==> flow/design.v <==
module shft #(
  parameter XLEN = 12,
  parameter SW = $clog2(XLEN)
) (
  input ck,
  input rst_n,
  input enable,
  input [XLEN-1:0] bus,
  input [SW-1:0] sa,
  output reg [XLEN-1:0] y
);
  reg [XLEN-1:0] bus_s;
  reg [SW-1:0] sa_s;
  wire [XLEN-1:0] node [0:SW];
  assign node[0] = bus_s;
  genvar ii;
  generate
    for (ii = 0; ii < SW; ii = ii + 1) begin : each
      assign node[ii+1] = sa_s[ii] ? node[ii] >> (1 << ii) : node[ii];
    end
  endgenerate
  always @(posedge ck) begin
    if (!rst_n) begin
      bus_s <= 0;
      sa_s <= 0;
      y <= 0;
    end else if (enable) begin
      bus_s <= bus;
      sa_s <= sa;
      y <= node[SW];
    end
  end
endmodule
## Step by step through the tools: shft

Tool output for the design above, in the order of the flow.
Lines are those of the file above, counted from 1.
Operators carry their Yosys type and port widths (W data, S select, Z words).
The mark - stands for no value.

- Top module: shft
- Clock: ck
- Standard-cell library: sky130hd
- Library corner: tt_025C_1v80

## Word-level counts

Source: Yosys, flattened and elaborated. Widths are those after wreduce; folded enables and synchronous resets count as part of the registers. Registers that Yosys merges into a memory's read port (data or address) are not register bits. Print and check cells do not count. Equal cells are merged and count once.

- Multiplexer cells: 4

Operator list:

| cell | number |
|---|---|
| $mux W12 | 4 |

- Register bits: 28
- Input bits: 19

## Logic depth

Longest topological path by Yosys (ltp), each cell counted once; first at word level (registers and memories cut), then after technology mapping (sequential cells cut; the memories' decode and read muxes count).

- Depth in word-level cells: 4
- ABC_AREA: 0
- Gate-level depth with buffers: 6

## Synthesis result

Yosys stat after the flow's synthesis: flattened, memories mapped to cells. It holds for the ABC_AREA given above (unset counts as 0); a run with the other value may have another netlist.

- Mapped cells: 146
- Cell area after synthesis: 0.0014777 mm²
- Sequential area: 0.0005605 mm²
- Mapped flip-flops: 28
- Buffer cells: 12

Cells by type:

| type | number | area in all (µm²) |
|---|---|---|
| sky130_fd_sc_hd__dfxtp_1 | 28 | 560.538 |
| sky130_fd_sc_hd__mux2i_1 | 27 | 270.259 |
| sky130_fd_sc_hd__nor2b_1 | 18 | 112.608 |
| sky130_fd_sc_hd__mux4_2 | 3 | 67.565 |
| sky130_fd_sc_hd__mux4_1 | 2 | 52.55 |
| sky130_fd_sc_hd__a22oi_1 | 6 | 45.043 |
| sky130_fd_sc_hd__nand2_1 | 12 | 45.043 |
| sky130_fd_sc_hd__buf_6 | 3 | 33.782 |
| sky130_fd_sc_hd__o22ai_1 | 5 | 31.28 |
| sky130_fd_sc_hd__buf_2 | 4 | 20.019 |
| sky130_fd_sc_hd__inv_1 | 5 | 18.768 |
| sky130_fd_sc_hd__nor4b_1 | 2 | 17.517 |
| sky130_fd_sc_hd__a21boi_0 | 2 | 15.014 |
| sky130_fd_sc_hd__nand3_1 | 3 | 15.014 |
| sky130_fd_sc_hd__nor2_1 | 4 | 15.014 |
| sky130_fd_sc_hd__and2_1 | 2 | 12.512 |
| sky130_fd_sc_hd__nand2b_1 | 2 | 12.512 |
| sky130_fd_sc_hd__nor3b_2 | 1 | 12.512 |

Other cell types: 15; their cells: 17.

## Timing after synthesis

OpenSTA on the mapped netlist: ideal clock, no wires. The path of least setup slack (recovery checks aside). Input and output delay are each 20% of the period. Register names are those of the netlist, which keeps one name where synthesis merged equal registers.

- Path type: register -> register
- Start: reg sa_s[0]
- End: reg y[2]
- Period: 1700 ps
- Setup time: 122 ps
- Launch time at the first pin: 0 ps
- Data arrival time: 1235 ps
- Required time: 1578 ps
- Path slack: 344 ps
- Delay of the path: 1357 ps
- Stages: 4
- Path buffers: 1
- Synthesis period reached: 1356 ps

"delay of the path" = arrival - input delay + setup time.
"stages" counts driving pins, that of a launching flip-flop among them; a cell with two outputs on the path counts twice.
"synthesis period reached" = period - worst setup slack (recovery checks aside). The figure is calculated, with input and output delays left at 20% of the set period.
The rows between start and end are the longest chain of elaborated cells between them; the timing report does not say that the signal goes this way. Where chains are equally long, one stands for them.
A line is the first line of the expression or statement that the cell stems from. Yosys adds cells for indexed reads and writes and turns some case tables into memories.

- Cell sequence: sky130_fd_sc_hd__dfxtp_1 > sky130_fd_sc_hd__buf_6 > sky130_fd_sc_hd__mux4_2 > sky130_fd_sc_hd__a221o_1
- Length of the longest elaborated chain: 4

RTL lines, path post-synthesis:

| element | RTL line | text |
|---|---|---|
| start: declaration | 13 | `reg [SW-1:0] sa_s;` |
| start: assignment | 25 | `sa_s <= 0;` |
| start: assignment | 29 | `sa_s <= sa;` |
| $mux W12 (4 in a row) | 19 | `assign node[ii+1] = sa_s[ii] ? node[ii] >> (1 << ii) : node[ii];` |
| end: assignment | 26 | `y <= 0;` |
| end: assignment | 30 | `y <= node[SW];` |
| end: declaration | 10 | `output reg [XLEN-1:0] y` |

## Path in the finished layout

Path of least setup slack in the final report of run 1 (OpenROAD, finished layout, wires in). Where an end is a register, its clock arrival counts in the times.
The report prints the path's times to 10 ps; the period is as set.

- Path type: register -> register
- Start: reg sa_s[0]
- End: reg y[2]
- Period: 1700 ps
- Setup time: 100 ps
- Launch time at the first pin: 280 ps
- Data arrival time: 1730 ps
- Required time: 1880 ps
- Path slack: 140 ps
- Stages: 3
- Path buffers: 0

The rows between start and end are the longest chain of elaborated cells between them; the timing report does not say that the signal goes this way. Where chains are equally long, one stands for them.

- Cell sequence: sky130_fd_sc_hd__dfxtp_1 > sky130_fd_sc_hd__mux4_2 > sky130_fd_sc_hd__a221o_1
- Length of the longest elaborated chain: 4

RTL lines, path after layout:

| element | RTL line | text |
|---|---|---|
| start: declaration | 13 | `reg [SW-1:0] sa_s;` |
| start: assignment | 25 | `sa_s <= 0;` |
| start: assignment | 29 | `sa_s <= sa;` |
| $mux W12 (4 in a row) | 19 | `assign node[ii+1] = sa_s[ii] ? node[ii] >> (1 << ii) : node[ii];` |
| end: assignment | 26 | `y <= 0;` |
| end: assignment | 30 | `y <= node[SW];` |
| end: declaration | 10 | `output reg [XLEN-1:0] y` |

Measured results for shft: 3 stored runs of the Yosys and OpenROAD flow on sky130hd. The settings differ; the order carries no meaning. The constraints put input and output delay at 20% of the set period each and load the outputs with 0.01 pF.
"period achieved" means the clock period less the worst setup slack. The figure is calculated, with input and output delays left at 20% of the set period.
"allowed time less slack (worst setup path)" = time allowed to the worst setup path (clock period - input delay - output delay, where it has them) - its slack; a late launch clock adds to it, a late capture clock takes from it.
By "total power of the final layout" is meant OpenSTA's value without simulated activity: inputs other than the clock are taken to toggle once in ten clock periods, and the tool carries that through the logic.
"allowed time less slack (worst setup path)" is known to 10 ps.

### Run 1

==> flow/run.sh <==
#!/bin/bash
# the make line also repeats the synthesis and layout settings of config.mk as NAME=value (left out here)
make -C /OpenROAD-flow-scripts/flow DESIGN_CONFIG=/design/flow/config.mk WORK_HOME=/design/flow/orfs CLKGATE_MAP_FILE= finish
==> flow/config.mk <==
export PLATFORM = sky130hd
export DESIGN_NAME = shft
export DESIGN_NICKNAME = shft
export VERILOG_FILES = /design/flow/design.v
export SDC_FILE = /design/flow/constraint.sdc
export NUM_CORES = 4
export LEC_CHECK = 0
export CAP_MARGIN = 20
export CORE_MARGIN = 2
export CORE_UTILIZATION = 40
export SLEW_MARGIN = 20
==> flow/constraint.sdc <==
create_clock -name core_clock -period 1.7 [get_ports {ck}]
set_input_delay 0.3400 -clock core_clock [delete_from_list [all_inputs] [get_ports {ck}]]
set_output_delay 0.3400 -clock core_clock [all_outputs]
set_load 0.01 [all_outputs]

Results of run 1:
- Period achieved: 1555 ps
- Worst hold slack in the final report: 439 ps
- Die footprint: 0.0041964 mm²
- Allowed time less slack (worst setup path): 1560 ps
- Worst setup path type: register -> register
- Standard-cell area of the final layout: 0.0019131 mm²
- Utilization after routing: 0.531
- Total power of the final layout: 1362 µW
- Worst setup slack after layout: 145 ps
- Total negative slack: 0 ps
- Cell area after synthesis: 0.0014777 mm²

### Run 2

==> flow/run.sh <==
#!/bin/bash
# the make line also repeats the synthesis and layout settings of config.mk as NAME=value (left out here)
make -C /OpenROAD-flow-scripts/flow DESIGN_CONFIG=/design/flow/config.mk WORK_HOME=/design/flow/orfs CLKGATE_MAP_FILE= finish
==> flow/config.mk <==
export PLATFORM = sky130hd
export DESIGN_NAME = shft
export DESIGN_NICKNAME = shft
export VERILOG_FILES = /design/flow/design.v
export SDC_FILE = /design/flow/constraint.sdc
export NUM_CORES = 4
export LEC_CHECK = 0
export ABC_AREA = 1
export CAP_MARGIN = 20
export CELL_PAD_IN_SITES_GLOBAL_PLACEMENT = 0
export CORE_MARGIN = 2
export CORE_UTILIZATION = 34
export CTS_CLUSTER_DIAMETER = 177
export GPL_ROUTABILITY_DRIVEN = 1
export MAX_ROUTING_LAYER = met4
export PLACE_DENSITY = 0.8
export SLEW_MARGIN = 20
==> flow/constraint.sdc <==
create_clock -name core_clock -period 1.04 [get_ports {ck}]
set_input_delay 0.2080 -clock core_clock [delete_from_list [all_inputs] [get_ports {ck}]]
set_output_delay 0.2080 -clock core_clock [all_outputs]
set_load 0.01 [all_outputs]

Results of run 2:
- Worst setup slack after layout: -114 ps
- Total negative slack: -964 ps
- Total power of the final layout: 2651 µW
- Allowed time less slack (worst setup path): 1150 ps
- Worst setup path type: register -> register
- Utilization after routing: 0.531
- Cell area after synthesis: 0.0014714 mm²
- Period achieved: 1154 ps
- Worst hold slack in the final report: 471 ps
- Standard-cell area of the final layout: 0.0021696 mm²
- Die footprint: 0.0048699 mm²

### Run 3

==> flow/run.sh <==
#!/bin/bash
# the make line also repeats the synthesis and layout settings of config.mk as NAME=value (left out here)
make -C /OpenROAD-flow-scripts/flow DESIGN_CONFIG=/design/flow/config.mk WORK_HOME=/design/flow/orfs CLKGATE_MAP_FILE= finish
==> flow/config.mk <==
export PLATFORM = sky130hd
export DESIGN_NAME = shft
export DESIGN_NICKNAME = shft
export VERILOG_FILES = /design/flow/design.v
export SDC_FILE = /design/flow/constraint.sdc
export NUM_CORES = 4
export LEC_CHECK = 0
export CAP_MARGIN = 20
export CELL_PAD_IN_SITES_GLOBAL_PLACEMENT = 1
export CORE_MARGIN = 2
export CORE_UTILIZATION = 68
export CTS_CLUSTER_DIAMETER = 155
export CTS_CLUSTER_SIZE = 16
export GPL_ROUTABILITY_DRIVEN = 0
export GPL_TIMING_DRIVEN = 1
export MAX_ROUTING_LAYER = met4
export PLACE_DENSITY_LB_ADDON = 0.14
export SETUP_SLACK_MARGIN = 0.08
export SLEW_MARGIN = 20
==> flow/constraint.sdc <==
create_clock -name core_clock -period 1.18 [get_ports {ck}]
set_input_delay 0.2360 -clock core_clock [delete_from_list [all_inputs] [get_ports {ck}]]
set_output_delay 0.2360 -clock core_clock [all_outputs]
set_load 0.01 [all_outputs]

Outcome of run 3: not finished: placement ended with error FLW-0024
